==> flow/design.v <==
module fa (
   input logic a,
   input logic b,
   input logic ci,
   output logic s,
   output logic co
);
   assign {co, s} = a + b + ci;
endmodule
module u_sub_unit_mod #(
   parameter int WIDTH = 128
) (
   input logic clk_i,
   input logic nrst,
   input logic [WIDTH-1:0] src1,
   input logic [WIDTH-1:0] src2,
   input logic dir,
   output logic [WIDTH-1:0] q,
   output logic carry_out
);
   logic [WIDTH-1:0] nxt;
   logic [WIDTH:0] carry;
   assign carry[0] = dir;
   for (genvar i = 0; i < WIDTH; i++) begin : blk
      fa u0 (.a(src1[i]), .b(src2[i] ^ dir), .ci(carry[i]), .s(nxt[i]), .co(carry[i+1]));
   end
   always_ff @(posedge clk_i or negedge nrst) begin
      if (!nrst) begin
         q <= 0;
      end else begin
         q <= nxt;
      end
   end
   always_ff @(posedge clk_i or negedge nrst) begin
      if (!nrst) begin
         carry_out <= 1'b0;
      end else begin
         carry_out <= carry[WIDTH];
      end
   end
endmodule
* Reports on u_sub_unit_mod *
What the tools print for u_sub_unit_mod, step after step.
Line numbers count from 1 in the design file above.
Cell names lack the library's common part.
Not given: --

inputs
  design top = u_sub_unit_mod
  clock = clk_i
  cell library = sky130hd
  timing corner = tt_025C_1v80

* Word level *
Yosys after proc, flatten, opt, wreduce and memory -nomap, before mapping. Enables and synchronous resets that opt folds into registers are not counted as muxes. Memory bits, and registers merged into a memory's read port (data or address), are not among the register bits. Print and check cells are not counted. Equal cells are merged and count once.

word-level totals
  register bits = 129
  input port bits = 259
  output and inout port bits = 129
  cells after elaboration = 386

operators by class
  add/subtract/negate cells = 256
  bitwise logic cells = 128

operators with widths
  cell                  number
  adder 1 x 1 -> 2 bit  128
  adder 2 x 1 -> 2 bit  128
  bitwise XOR 1 bit     128

* Longest topological paths *
Yosys ltp: most cells in a row. Word level: on the elaborated netlist, between registers, memories and ports. Mapped: between sequential cells and ports; inverters and the memories' decode and read muxes count.

depth
  depth after elaboration = 130
  ABC_AREA = 0
  mapped depth = 131
  mapped depth without buffers = 130

* Synthesis result *
Yosys stat after the flow's synthesis: flattened, memories mapped to cells. It holds for the ABC_AREA given above (unset counts as 0); a run with the other value may have another netlist.

cell types
  cell     number  total area (um2)
  dfrtp_1  129     3.23E+03
  fa_1     127     2.54E+03
  xnor2_1  125     1094.8
  inv_1    252     945.907
  buf_6    12      135.13
  xor2_1   3       26.275
  buf_4    2       15.014
  mux2_2   1       11.261

mapped netlist
  mapped flip-flops = 129
  synthesis area = 0.0079989 mm2
  buffers = 14
  cell count = 651
  sequential part of the area = 0.0032281 mm2

The figures by module come from a second, unflattened synthesis with its own total; it is not the netlist above.

unflattened totals
  cell total of the unflattened synthesis = 399
  area (unflattened synthesis) = 0.0071831 mm2

Each row is one instance without its submodules.

by module
  module          seq. area (mm2)  area (mm2)  cells  times used
  u_sub_unit_mod  0.0032281        0.0046207   271    1
  fa              0                0.00002     1      128

* Worst setup path after synthesis *
Path of least setup slack by OpenSTA after synthesis, without wires, with an ideal clock, recovery checks aside; 20% of the period is set as input and as output delay. Where synthesis merged equal registers, the netlist keeps one of their names.

timing path after synthesis
  kind = input to register
  start point = in dir
  end point = reg q[127]
  launch time at the first pin = 16.720 ns
  path delay = 53.534 ns
  buffers on the path = 1
  arrival = 70.119 ns
  stages on the path = 131
  required time = 83.465 ns
  setup slack = 13.345 ns
  period = 83.6 ns
  setup time = 0.135 ns
  period reached after synthesis = 70.255 ns

"path delay" = arrival - input delay + setup time.
"stages on the path" counts driving pins, that of a launching flip-flop among them; a cell with two outputs on the path counts twice.
"period reached after synthesis" is the clock period less the worst setup slack; recovery checks do not enter. This is arithmetic on one report: input and output delays are still those of the set period (20% each).
Between the ends stands the longest chain of elaborated cells between them, by number of cells; it is not shown to be the way that was timed. Of several equally long chains one is given.
Each line given opens the expression or statement behind the cell; cells for indexed reads and writes are added by Yosys, which also makes memories of some case tables.

on the way, after synthesis
  cell sequence = buf_4 -> xor2_1 -> fa_1 -> inv_1 -> fa_1 -> fa_1 -> fa_1 -> fa_1 -> fa_1 -> fa_1 -> fa_1 -> fa_1 -> fa_1 -> fa_1 -> fa_1 -> fa_1 -> fa_1 -> fa_1 -> (+95 left out) -> fa_1 -> fa_1 -> fa_1 -> fa_1 -> fa_1 -> fa_1 -> fa_1 -> fa_1 -> fa_1 -> fa_1 -> fa_1 -> fa_1 -> fa_1 -> fa_1 -> fa_1 -> fa_1 -> inv_1 -> fa_1
  cells in the longest elaborated chain = 130
  elaborated cells between the ends (all ways) = 384
  classes of those cells = add/sub: 256; logic: 128

RTL lines, path after synthesis
  item                       line  source
  start, declared            17    input logic dir,
  bitwise XOR 1 bit          25    fa u0 (.a(src1[i]), .b(src2[i] ^ dir), .ci(carry[i]), .s(nxt[i]), .co(carry[i+1]));
  adder 1 x 1 -> 2 bit       8     assign {co, s} = a + b + ci;
  adder 2 x 1 -> 2 bit x128  8
  end, assigned              29    q <= 0;
  end, assigned              31    q <= nxt;
  end, declared              18    output logic [WIDTH-1:0] q,

* Path in the finished layout *
From the final timing report of flow run A: the path of least setup slack in the routed layout; clock arrival at registers is part of the times.

timing path after layout
  kind = input to register
  start point = in src2[1]
  end point = reg q[127]
  setup time = 0.13 ns
  required time = 73.90 ns
  buffers on the path = 1
  setup slack = 5.80 ns
  stages on the path = 131
  launch time at the first pin = 14.72 ns
  period = 73.6 ns
  arrival = 68.10 ns

Between the ends stands the longest chain of elaborated cells between them, by number of cells; it is not shown to be the way that was timed. Of several equally long chains one is given.

on the way, after layout
  cell sequence = clkdlybuf4s50_1 -> xor2_2 -> fa_1 -> inv_1 -> fa_1 -> fa_1 -> fa_1 -> fa_2 -> fa_2 -> fa_2 -> fa_1 -> fa_1 -> fa_1 -> fa_2 -> fa_2 -> fa_2 -> fa_2 -> fa_2 -> (+95 left out) -> fa_1 -> fa_2 -> fa_2 -> fa_2 -> fa_2 -> fa_2 -> fa_2 -> fa_1 -> fa_1 -> fa_2 -> fa_1 -> fa_2 -> fa_2 -> fa_1 -> fa_1 -> fa_1 -> inv_1 -> fa_1
  cells in the longest elaborated chain = 129
  elaborated cells between the ends (all ways) = 129
  classes of those cells = add/sub: 128; logic: 1

RTL lines, path after layout
  item                       line  source
  start, declared            16    input logic [WIDTH-1:0] src2,
  bitwise XOR 1 bit          25    fa u0 (.a(src1[i]), .b(src2[i] ^ dir), .ci(carry[i]), .s(nxt[i]), .co(carry[i+1]));
  adder 1 x 1 -> 2 bit       8     assign {co, s} = a + b + ci;
  adder 2 x 1 -> 2 bit x127  8
  end, assigned              29    q <= 0;
  end, assigned              31    q <= nxt;
  end, declared              18    output logic [WIDTH-1:0] q,

==> results <==
Record of 3 stored runs of the RTL-to-layout flow on u_sub_unit_mod, platform sky130hd. The runs are unordered. Constraints: input delay and output delay 20% of the set period each, output load 0.01 pF.
"period achieved" means the clock period less the worst setup slack. The figure is calculated, with input and output delays left at 20% of the set period.
"worst setup path time" means the part of the period allowed to the worst setup path (the constraints hold back 20% at inputs and 20% at outputs) less its slack; where the path has registers, the arrival times of their clocks count too.
"power consumption" rests on the timing tool's default activity at the inputs, not on a simulated workload.
Settings: . = not set for that run.
Results: . = not shown.

name                                   flow run A         flow run B         flow run C
period_ns                              73.6               83.6               107.0
CORE_UTILIZATION                       57                 40                 71
SETUP_SLACK_MARGIN                     5.0                .                  .
PLACE_DENSITY_LB_ADDON                 0.12               .                  0.19
CORE_ASPECT_RATIO                      0.65               .                  .
CORE_MARGIN                            5                  2                  2
CELL_PAD_IN_SITES_GLOBAL_PLACEMENT     0                  .                  .
TNS_END_PERCENT                        60                 .                  .
GPL_TIMING_DRIVEN                      1                  .                  .
MAX_ROUTING_LAYER                      met5               .                  .
CAP_MARGIN                             20                 20                 20
SLEW_MARGIN                            20                 20                 20
HOLD_SLACK_MARGIN                      .                  .                  -0.03
GPL_ROUTABILITY_DRIVEN                 .                  .                  0
CTS_CLUSTER_SIZE                       .                  .                  90
CTS_CLUSTER_DIAMETER                   .                  .                  344
standard-cell area after layout (mm2)  0.0128173          0.0127297          .
power consumption (mW)                 0.3338             0.2719             .
netlist area reported by Yosys (mm2)   0.0079989          0.0079989          .
period achieved (ns)                   67.802             71.572             .
setup slack of the critical path (ns)  5.798              12.028             .
final design utilization (%)           94.4               65.2               .
final setup TNS (ns)                   0.000              0.000              .
worst setup path time (ns)             53.08              54.85              .
critical path kind                     input to register  input to register  .
full die area (mm2)                    0.0165574          0.0211441          .

Flow run C: no results, placement failed with FLW-0024
